==> flow/design.v <==
module sync_scratch (clk, rst_n, wr_en_i, wsel_i, wr_data_i, raddr1_i, raddr2_i, q1_o, q2_o);
    parameter integer DEPTH = 32;
    parameter integer DWIDTH = 32;
    localparam integer AWIDTH = $clog2(DEPTH);
    input clk;
    input rst_n;
    input wr_en_i;
    input [AWIDTH-1:0] wsel_i;
    input [DWIDTH-1:0] wr_data_i;
    input [AWIDTH-1:0] raddr1_i;
    input [AWIDTH-1:0] raddr2_i;
    output reg [DWIDTH-1:0] q1_o;
    output reg [DWIDTH-1:0] q2_o;
    reg wr_en_s;
    reg [AWIDTH-1:0] wsel_s;
    reg [DWIDTH-1:0] wr_data_s;
    reg [DWIDTH-1:0] regs [0:DEPTH-1];
    always @(posedge clk) begin
        if (wr_en_s)
            regs[wsel_s] <= wr_data_s;
    end
    reg [AWIDTH-1:0] raddr1_s;
    reg [AWIDTH-1:0] raddr2_s;
    always @(posedge clk or negedge rst_n) begin
        if (!rst_n) begin
            wr_en_s <= 1'b0;
            wsel_s <= 0;
            wr_data_s <= 0;
            raddr1_s <= 0;
            raddr2_s <= 0;
            q1_o <= 0;
            q2_o <= 0;
        end else begin
            wr_en_s <= wr_en_i;
            wsel_s <= wsel_i;
            wr_data_s <= wr_data_i;
            raddr1_s <= raddr1_i;
            raddr2_s <= raddr2_i;
            q1_o <= regs[raddr1_s];
            q2_o <= regs[raddr2_s];
        end
    end
endmodule
* Tool chain data of sync_scratch *
The steps from the RTL of sync_scratch to its reports follow in flow order.
Line numbers count from 1 in the design file above.
Operators: Yosys type, input widths -> output width; for muxes data width and select width s.
Library cell names are shortened.
The mark n/a stands for no value.

design
  top module = sync_scratch
  clock input = clk
  cell library = sky130hd
  library corner = tt_025C_1v80

* Word-level counts *
Source: Yosys, flattened and elaborated, memories not mapped. Widths are those after wreduce; folded enables and synchronous resets count as part of the registers. Registers that Yosys merges into a memory's read port (data or address) are not register bits. Print and check cells do not count.
Memory sizes are those after Yosys's memory passes, which may raise the word count (mostly to a power of two), join words into wider ones and drop unused or constant bits.

cells by class
  multiplexer cells = 3
  reductions and logical operators = 2

operators by type and width
  operator         count
  $mux 32          1
  $mux 5           1
  $logic_not 1->1  2
  $mux 1           1

bit counts
  bits in registers = 48
  memory bits (writable) = 1,024
  word width x clocked read ports = 64
  memories kept = 1
  output and inout bits = 64
  elaborated cells = 11

memory list
  name  words  width  rd ports  write ports  RTL line  source
  regs  32     32     2         1            17        reg [DWIDTH-1:0] regs [0:DEPTH-1];

* Depth *
Longest topological path by Yosys (ltp), each cell counted once; first at word level (registers and memories cut), then after technology mapping (sequential cells cut; the memories' decode and read muxes count).

depth
  word-level depth = 1
  ABC_AREA = 0
  mapped depth = 8

* After synthesis *
The flow's flattened synthesis, as Yosys stat reports it; memories are mapped. The netlist is that of the ABC_AREA named above (0 if unset); the other value can give another one.
The area totals of this step are shown rounded.

cell types
  type      count  area in all (sq um)
  edfxtp_1  1,024  3.07E+04
  mux2i_1   1,024  1.02E+04
  dfrtp_1   112    2.8E+03
  a22oi_1   192    1.44E+03
  a22o_1    128    1.12E+03
  nand3_1   194    970.931
  a21oi_1   192    960.922
  nand2_1   195    731.952
  buf_6     45     506.736
  a31oi_1   64     400.384
  buf_2     71     355.341
  buf_4     47     352.838
  nor3_1    64     320.307
  clkbuf_1  81     304.042
  nor2_1    35     131.376
  nand3b_1  5      37.536
  clkbuf_4  4      30.029
  or3b_2    3      26.275

Not listed: further types 6, cells in them 18.

mapped netlist
  cells in the netlist = 3,498
  synthesis area = 51,600 sq um
  sequential area = 33,600 sq um
  mapped flip-flops = 1,136
  buffers = 253

* Timing after synthesis *
Source: OpenSTA report_checks on the synthesized netlist (no wires, ideal clock, input and output delay 20% of the period each), path of least setup slack; recovery checks are left aside. Register names are those of the netlist, which keeps one name where synthesis merged equal registers.

timing path post-synthesis
  path type = reg-to-reg
  start point = register wsel_s[1]
  end point = memory regs[28][0]
  clock period = 3,520 ps
  library setup time = 421 ps
  arrival time = 2,392 ps
  data required time = 3,099 ps
  slack = 707 ps
  delay of the path = 2,813 ps
  stages = 4
  path buffers = 1
  synthesis period reached = 2,813 ps

"delay of the path" = arrival - input delay + setup time.
"stages" counts driving pins, that of a launching flip-flop among them; a cell with two outputs on the path counts twice.
"synthesis period reached" is the clock period less the worst setup slack; recovery checks do not enter. This is arithmetic on one report: input and output delays are still those of the set period (20% each).
Between the ends stands the longest chain of elaborated cells between them, by number of cells; it is not shown to be the way that was timed. Of several equally long chains one is given.
Each line given opens the expression or statement behind the cell; cells for indexed reads and writes are added by Yosys, which also makes memories of some case tables.

between the ends, post-synthesis
  path through = dfrtp_1 -> or3b_2 -> clkbuf_1 -> nor2_1
  cells in the longest elaborated chain = 1

RTL lines, path post-synthesis
  element          RTL line  source
  start, declared  15        reg [AWIDTH-1:0] wsel_s;
  start, assigned  27        wsel_s <= 0;
  start, assigned  35        wsel_s <= wsel_i;
  $mux 5           19        if (wr_en_s)
  end, declared    17        reg [DWIDTH-1:0] regs [0:DEPTH-1];

* Path in the finished layout *
Path of least setup slack in the final report of run 1 (OpenROAD, finished layout, wires in). Where an end is a register, its clock arrival counts in the times.
The report prints the path's times to 10 ps; the period is as set.

timing path post-layout
  path type = reg-to-reg
  start point = register raddr2_s[1]
  end point = register q2_o[10]
  clock period = 3,520 ps
  library setup time = 160 ps
  arrival time = 3,200 ps
  data required time = 4,080 ps
  slack = 880 ps
  stages = 9
  path buffers = 3

between the ends, post-layout
  path through = dfrtp_4 -> buf_12 -> buf_12 -> buf_4 -> mux2i_1 -> a22o_1 -> nor3_1 -> a31oi_1 -> nand3_1

RTL lines, path post-layout
  element          RTL line  source
  start, declared  23        reg [AWIDTH-1:0] raddr2_s;
  start, assigned  30        raddr2_s <= 0;
  start, assigned  38        raddr2_s <= raddr2_i;
  end, declared    13        output reg [DWIDTH-1:0] q2_o;

Chain of elaborated cells between the ends: none given.

Lab notebook: sync_scratch

Stored flow runs of sync_scratch (3 of them; Yosys, OpenROAD, sky130hd). They differ in their settings and are not a sequence. Constraints: input delay and output delay 20% of the set period each, output load 0.01 pF.
"period achieved" means the clock period less the worst setup slack. The figure is calculated, with input and output delays left at 20% of the set period.
By "overall power" is meant OpenSTA's value without simulated activity: inputs other than the clock are taken to toggle once in ten clock periods, and the tool carries that through the logic.
Results are given in rounded form.
A setting shown as n/a is not set for that run.

setting or result                        run 1    run 2   run 3
period_ns                                3.52     2.69    4.82
CAP_MARGIN                               20       20      25
CORE_MARGIN                              2        2       3
CORE_UTILIZATION                         40       58      33
SLEW_MARGIN                              20       20      20
PLACE_DENSITY_LB_ADDON                   n/a      0.27    n/a
CELL_PAD_IN_SITES_GLOBAL_PLACEMENT       n/a      0       n/a
TNS_END_PERCENT                          n/a      70      n/a
GPL_TIMING_DRIVEN                        n/a      0       0
CTS_CLUSTER_DIAMETER                     n/a      345     352
SETUP_SLACK_MARGIN                       n/a      n/a     0.81
PLACE_DENSITY                            n/a      n/a     0.68
GPL_ROUTABILITY_DRIVEN                   n/a      n/a     1
CTS_CLUSTER_SIZE                         n/a      n/a     16
MIN_ROUTING_LAYER                        n/a      n/a     met1
chip area in the Yosys report (sq um)    51,600   51,600  51,600
setup total negative slack (ps)          0        -1,400  0
die outline area (sq um)                 132,000  91,400  161,000
standard-cell area after layout (sq um)  59,500   59,800  59,500
worst setup slack after layout (ps)      880      -119    1,600
overall power (uW)                       31,000   40,500  19,800
period achieved (ps)                     2,640    2,809   3,224
